==> flow/design.v <==
module ex_add_core_p #(
    parameter integer DW = 14,
    parameter integer N = 24,
    parameter integer RES_W = DW + $clog2(N)
) (
    input  logic aclk,
    input  logic reset,
    input  logic [N*DW-1:0] in_in,
    output logic [RES_W-1:0] out_res
);
    wire [RES_W-1:0] nd [1:2*N-1];
    generate
        for (genvar gi = 0; gi < N; gi++) begin : row
            assign nd[N+gi] = in_in[gi*DW +: DW];
        end
        for (genvar gi = 1; gi < N; gi++) begin : each
            assign nd[gi] = nd[2*gi] + nd[2*gi+1];
        end
    endgenerate
    always_ff @(posedge aclk or posedge reset) begin
        if (reset) begin
            out_res <= '0;
        end else begin
            out_res <= nd[1];
        end
    end
endmodule
* Tool chain data of ex_add_core_p
The steps from the RTL of ex_add_core_p to its reports follow in flow order.
Line numbers count from 1 in the design file above.
Operators carry their Yosys type and port widths (W data, S select, Z words).
Cell names lack the library's common part.
The mark - stands for no value.
- Top :: ex_add_core_p
- Clock input :: aclk
- Cell library :: sky130hd
- Timing corner :: tt_025C_1v80

* Word-level counts
Counts by Yosys on the flattened word-level netlist (proc, flatten, opt, wreduce; memories kept). Register bits leave out memories and registers merged into their read ports (data or address); mux counts leave out enables and synchronous resets folded into registers. Print and check cells are left out. Cells with the same type and inputs are merged into one.
- Word-level cells :: 24
- Bits of input ports :: 338
- Register bits after elaboration :: 19
- Output and inout port bits :: 19
- $add $sub $neg :: 23
** Operators by type and width (number)
- $add A19 B19 Y19 :: 11
- $add A14 B14 Y15 :: 12

* Logic depth
Yosys ltp: most cells in a row. Word level: on the elaborated netlist, between registers, memories and ports. Mapped: between sequential cells and ports; inverters and the memories' decode and read muxes count.
- Word-level depth :: 5
- ABC_AREA :: 1
- Mapped depth :: 28
- Depth with buffers taken out :: 28

* Synthesis result
The flow's flattened synthesis, as Yosys stat reports it; memories are mapped. The netlist is that of the ABC_AREA named above (0 if unset); the other value can give another one.
** Cell types
- fa_1 :: number 159, total area 3.18E+03 µm²
- nand2_1 :: number 732, total area 2.75E+03 µm²
- ha_1 :: number 192, total area 2.4E+03 µm²
- inv_1 :: number 467, total area 1.75E+03 µm²
- nand3_1 :: number 137, total area 685.658 µm²
- nor2_1 :: number 168, total area 630.605 µm²
- xor2_1 :: number 62, total area 543.021 µm²
- a21oi_1 :: number 105, total area 525.504 µm²
- dfrtp_1 :: number 19, total area 475.456 µm²
- nand4_1 :: number 38, total area 237.728 µm²
- xnor2_1 :: number 27, total area 236.477 µm²
- nand2_2 :: number 19, total area 118.864 µm²
- nor3_1 :: number 21, total area 105.101 µm²
- nand3_2 :: number 9, total area 90.086 µm²
- o21bai_1 :: number 12, total area 90.086 µm²
- nand3b_1 :: number 11, total area 82.579 µm²
- and2_4 :: number 9, total area 78.826 µm²
- or2_1 :: number 9, total area 56.304 µm²
Not listed: further types 9, cells in them 24.
- Flip-flops :: 19
- Synthesis area :: 0.0142299 mm²
- Sequential part of the area :: 0.0004755 mm²
- Mapped cells :: 2220
- Buffers :: 0

* Path before layout
Source: OpenSTA report_checks on the synthesized netlist (no wires, ideal clock, input and output delay 20% of the period each), path of least setup slack; recovery checks are left aside. Register names are those of the netlist, which keeps one name where synthesis merged equal registers.
- Path type :: input to register
- Start :: input in_in[112]
- End :: register out_res[16]
- Clock period :: 8.85 ns
- Path buffers :: 0
- Slack :: 2.280 ns
- Arrival :: 6.453 ns
- Input delay :: 1.770 ns
- Data required time :: 8.733 ns
- Time at the first pin :: 1.770 ns
- Delay of the path :: 4.800 ns
- Library setup time :: 0.117 ns
- Stages :: 25
- Period reached after synthesis :: 6.57 ns
"delay of the path" = arrival - input delay + setup time.
"stages" counts driving pins, that of a launching flip-flop among them; a cell with two outputs on the path counts twice.
"period reached after synthesis" is the clock period less the worst setup slack; recovery checks do not enter. This is arithmetic on one report: input and output delays are still those of the set period (20% each).
The rows between start and end are the longest chain of elaborated cells between them; the timing report does not say that the signal goes this way. Where chains are equally long, one stands for them.
A line is the first line of the expression or statement that the cell stems from. Yosys adds cells for indexed reads and writes and turns some case tables into memories.
- Path through :: ha_1 -> inv_1 -> fa_1 -> inv_1 -> nand3_1 -> nand3_1 -> nand3_1 -> nand2_1 -> xor2_1 -> fa_1 -> fa_1 -> fa_1 -> fa_1 -> inv_1 -> fa_1 -> inv_1 -> ha_1 -> nand2_1 -> inv_1 -> a21oi_1 -> nand2_1 -> nand2_1 -> nand2_1 -> nand2_1 -> nand2_1
- Cells in the longest elaborated chain :: 5
- Elaborated cells on any way between the ends :: 5
- RTL lines with such cells :: 1
- Classes of those cells :: add/sub: 5
** RTL lines, path post-synthesis
- from (decl) :: RTL line 8 : input  logic [N*DW-1:0] in_in,
- $add A14 B14 Y15 :: RTL line 17 : assign nd[gi] = nd[2*gi] + nd[2*gi+1];
- $add A19 B19 Y19 x4 :: RTL line 17
- to (assign) :: RTL line 22 : out_res <= '0;
- to (assign) :: RTL line 24 : out_res <= nd[1];
- to (decl) :: RTL line 9 : output logic [RES_W-1:0] out_res

* Worst path after layout
Path of least setup slack in the final report of flow run A (OpenROAD, finished layout, wires in). Where an end is a register, its clock arrival counts in the times.
- Path type :: input to register
- Start :: input in_in[224]
- End :: register out_res[16]
- Input delay :: 2.28 ns
- Library setup time :: 0.11 ns
- Path buffers :: 1
- Arrival :: 7.94 ns
- Slack :: 3.60 ns
- Stages :: 24
- Time at the first pin :: 2.28 ns
- Data required time :: 11.54 ns
- Clock period :: 11.4 ns
The rows between start and end are the longest chain of elaborated cells between them; the timing report does not say that the signal goes this way. Where chains are equally long, one stands for them.
- Path through :: clkdlybuf4s50_1 -> ha_1 -> fa_1 -> nand3_1 -> nand3_1 -> a21oi_1 -> xor2_1 -> fa_1 -> fa_1 -> inv_1 -> fa_1 -> fa_1 -> inv_1 -> fa_1 -> inv_1 -> ha_1 -> nand2_1 -> inv_1 -> a21oi_1 -> nand2_1 -> nand2_1 -> nand2_1 -> nand2_1 -> nand2_1
- Cells in the longest elaborated chain :: 5
- Elaborated cells on any way between the ends :: 5
- RTL lines with such cells :: 1
- Classes of those cells :: add/sub: 5
** RTL lines, path post-layout
- from (decl) :: RTL line 8 : input  logic [N*DW-1:0] in_in,
- $add A14 B14 Y15 :: RTL line 17 : assign nd[gi] = nd[2*gi] + nd[2*gi+1];
- $add A19 B19 Y19 x4 :: RTL line 17
- to (assign) :: RTL line 22 : out_res <= '0;
- to (assign) :: RTL line 24 : out_res <= nd[1];
- to (decl) :: RTL line 9 : output logic [RES_W-1:0] out_res

Memo
Re: implementation data of ex_add_core_p

Record of 3 stored runs of the RTL-to-layout flow on ex_add_core_p, platform sky130hd. The runs are unordered. Constraints: input delay and output delay 20% of the set period each, output load 0.01 pF.
"time on the worst setup path" = time allowed to the worst setup path (clock period - input delay - output delay, where it has them) - its slack; a late launch clock adds to it, a late capture clock takes from it.

* Flow run A
** Files
==> flow/run.sh <==
#!/bin/bash
# the make line also repeats the synthesis and layout settings of config.mk as NAME=value (left out here)
make -C /OpenROAD-flow-scripts/flow DESIGN_CONFIG=/design/flow/config.mk WORK_HOME=/design/flow/orfs CLKGATE_MAP_FILE= finish
==> flow/config.mk <==
export PLATFORM = sky130hd
export DESIGN_NAME = ex_add_core_p
export DESIGN_NICKNAME = ex_add_core_p
export VERILOG_FILES = /design/flow/design.v
export SDC_FILE = /design/flow/constraint.sdc
export NUM_CORES = 4
export LEC_CHECK = 0
export ABC_AREA = 1
export CAP_MARGIN = 20
export CORE_MARGIN = 2
export CORE_UTILIZATION = 48
export CTS_CLUSTER_SIZE = 79
export GPL_TIMING_DRIVEN = 0
export PLACE_DENSITY = 0.46
export SETUP_SLACK_MARGIN = -0.57
export SLEW_MARGIN = 20
export TNS_END_PERCENT = 5
==> flow/constraint.sdc <==
create_clock -name core_clock -period 11.4 [get_ports {aclk}]
set_input_delay 2.2800 -clock core_clock [delete_from_list [all_inputs] [get_ports {aclk}]]
set_output_delay 2.2800 -clock core_clock [all_outputs]
set_load 0.01 [all_outputs]
** Results
- Mapped cell area after synthesis :: 0.0142299 mm²
- Overall die area :: 0.0310394 mm²
- Standard-cell area after layout :: 0.0183614 mm²
- Final utilization :: 62.4%
- Worst setup slack after layout :: 3.598 ns
- Sum of negative setup slack :: 0.000 ns
- Time on the worst setup path :: 5.52 ns
- Type of the worst setup path :: input to register

* Flow run B
** Files
==> flow/run.sh <==
#!/bin/bash
# the make line also repeats the synthesis and layout settings of config.mk as NAME=value (left out here)
make -C /OpenROAD-flow-scripts/flow DESIGN_CONFIG=/design/flow/config.mk WORK_HOME=/design/flow/orfs CLKGATE_MAP_FILE= finish
==> flow/config.mk <==
export PLATFORM = sky130hd
export DESIGN_NAME = ex_add_core_p
export DESIGN_NICKNAME = ex_add_core_p
export VERILOG_FILES = /design/flow/design.v
export SDC_FILE = /design/flow/constraint.sdc
export NUM_CORES = 4
export LEC_CHECK = 0
export CAP_MARGIN = 20
export CELL_PAD_IN_SITES_GLOBAL_PLACEMENT = 3
export CORE_MARGIN = 2
export CORE_UTILIZATION = 72
export CTS_CLUSTER_SIZE = 25
export PLACE_DENSITY = 0.41
export SETUP_SLACK_MARGIN = -0.6
export SLEW_MARGIN = 20
==> flow/constraint.sdc <==
create_clock -name core_clock -period 7.32 [get_ports {aclk}]
set_input_delay 1.4640 -clock core_clock [delete_from_list [all_inputs] [get_ports {aclk}]]
set_output_delay 1.4640 -clock core_clock [all_outputs]
set_load 0.01 [all_outputs]
** Results
Incomplete, placement halted on GPL-0301.

* Flow run C
** Files
==> flow/run.sh <==
#!/bin/bash
# the make line also repeats the synthesis and layout settings of config.mk as NAME=value (left out here)
make -C /OpenROAD-flow-scripts/flow DESIGN_CONFIG=/design/flow/config.mk WORK_HOME=/design/flow/orfs CLKGATE_MAP_FILE= finish
==> flow/config.mk <==
export PLATFORM = sky130hd
export DESIGN_NAME = ex_add_core_p
export DESIGN_NICKNAME = ex_add_core_p
export VERILOG_FILES = /design/flow/design.v
export SDC_FILE = /design/flow/constraint.sdc
export NUM_CORES = 4
export LEC_CHECK = 0
export CAP_MARGIN = 20
export CORE_MARGIN = 2
export CORE_UTILIZATION = 40
export SLEW_MARGIN = 20
==> flow/constraint.sdc <==
create_clock -name core_clock -period 8.85 [get_ports {aclk}]
set_input_delay 1.7700 -clock core_clock [delete_from_list [all_inputs] [get_ports {aclk}]]
set_output_delay 1.7700 -clock core_clock [all_outputs]
set_load 0.01 [all_outputs]
** Results
- Mapped cell area after synthesis :: 0.0118864 mm²
- Overall die area :: 0.0311117 mm²
- Standard-cell area after layout :: 0.0160104 mm²
- Final utilization :: 54.3%
- Worst setup slack after layout :: 0.580 ns
- Sum of negative setup slack :: 0.000 ns
- Time on the worst setup path :: 6.50 ns
- Type of the worst setup path :: input to register
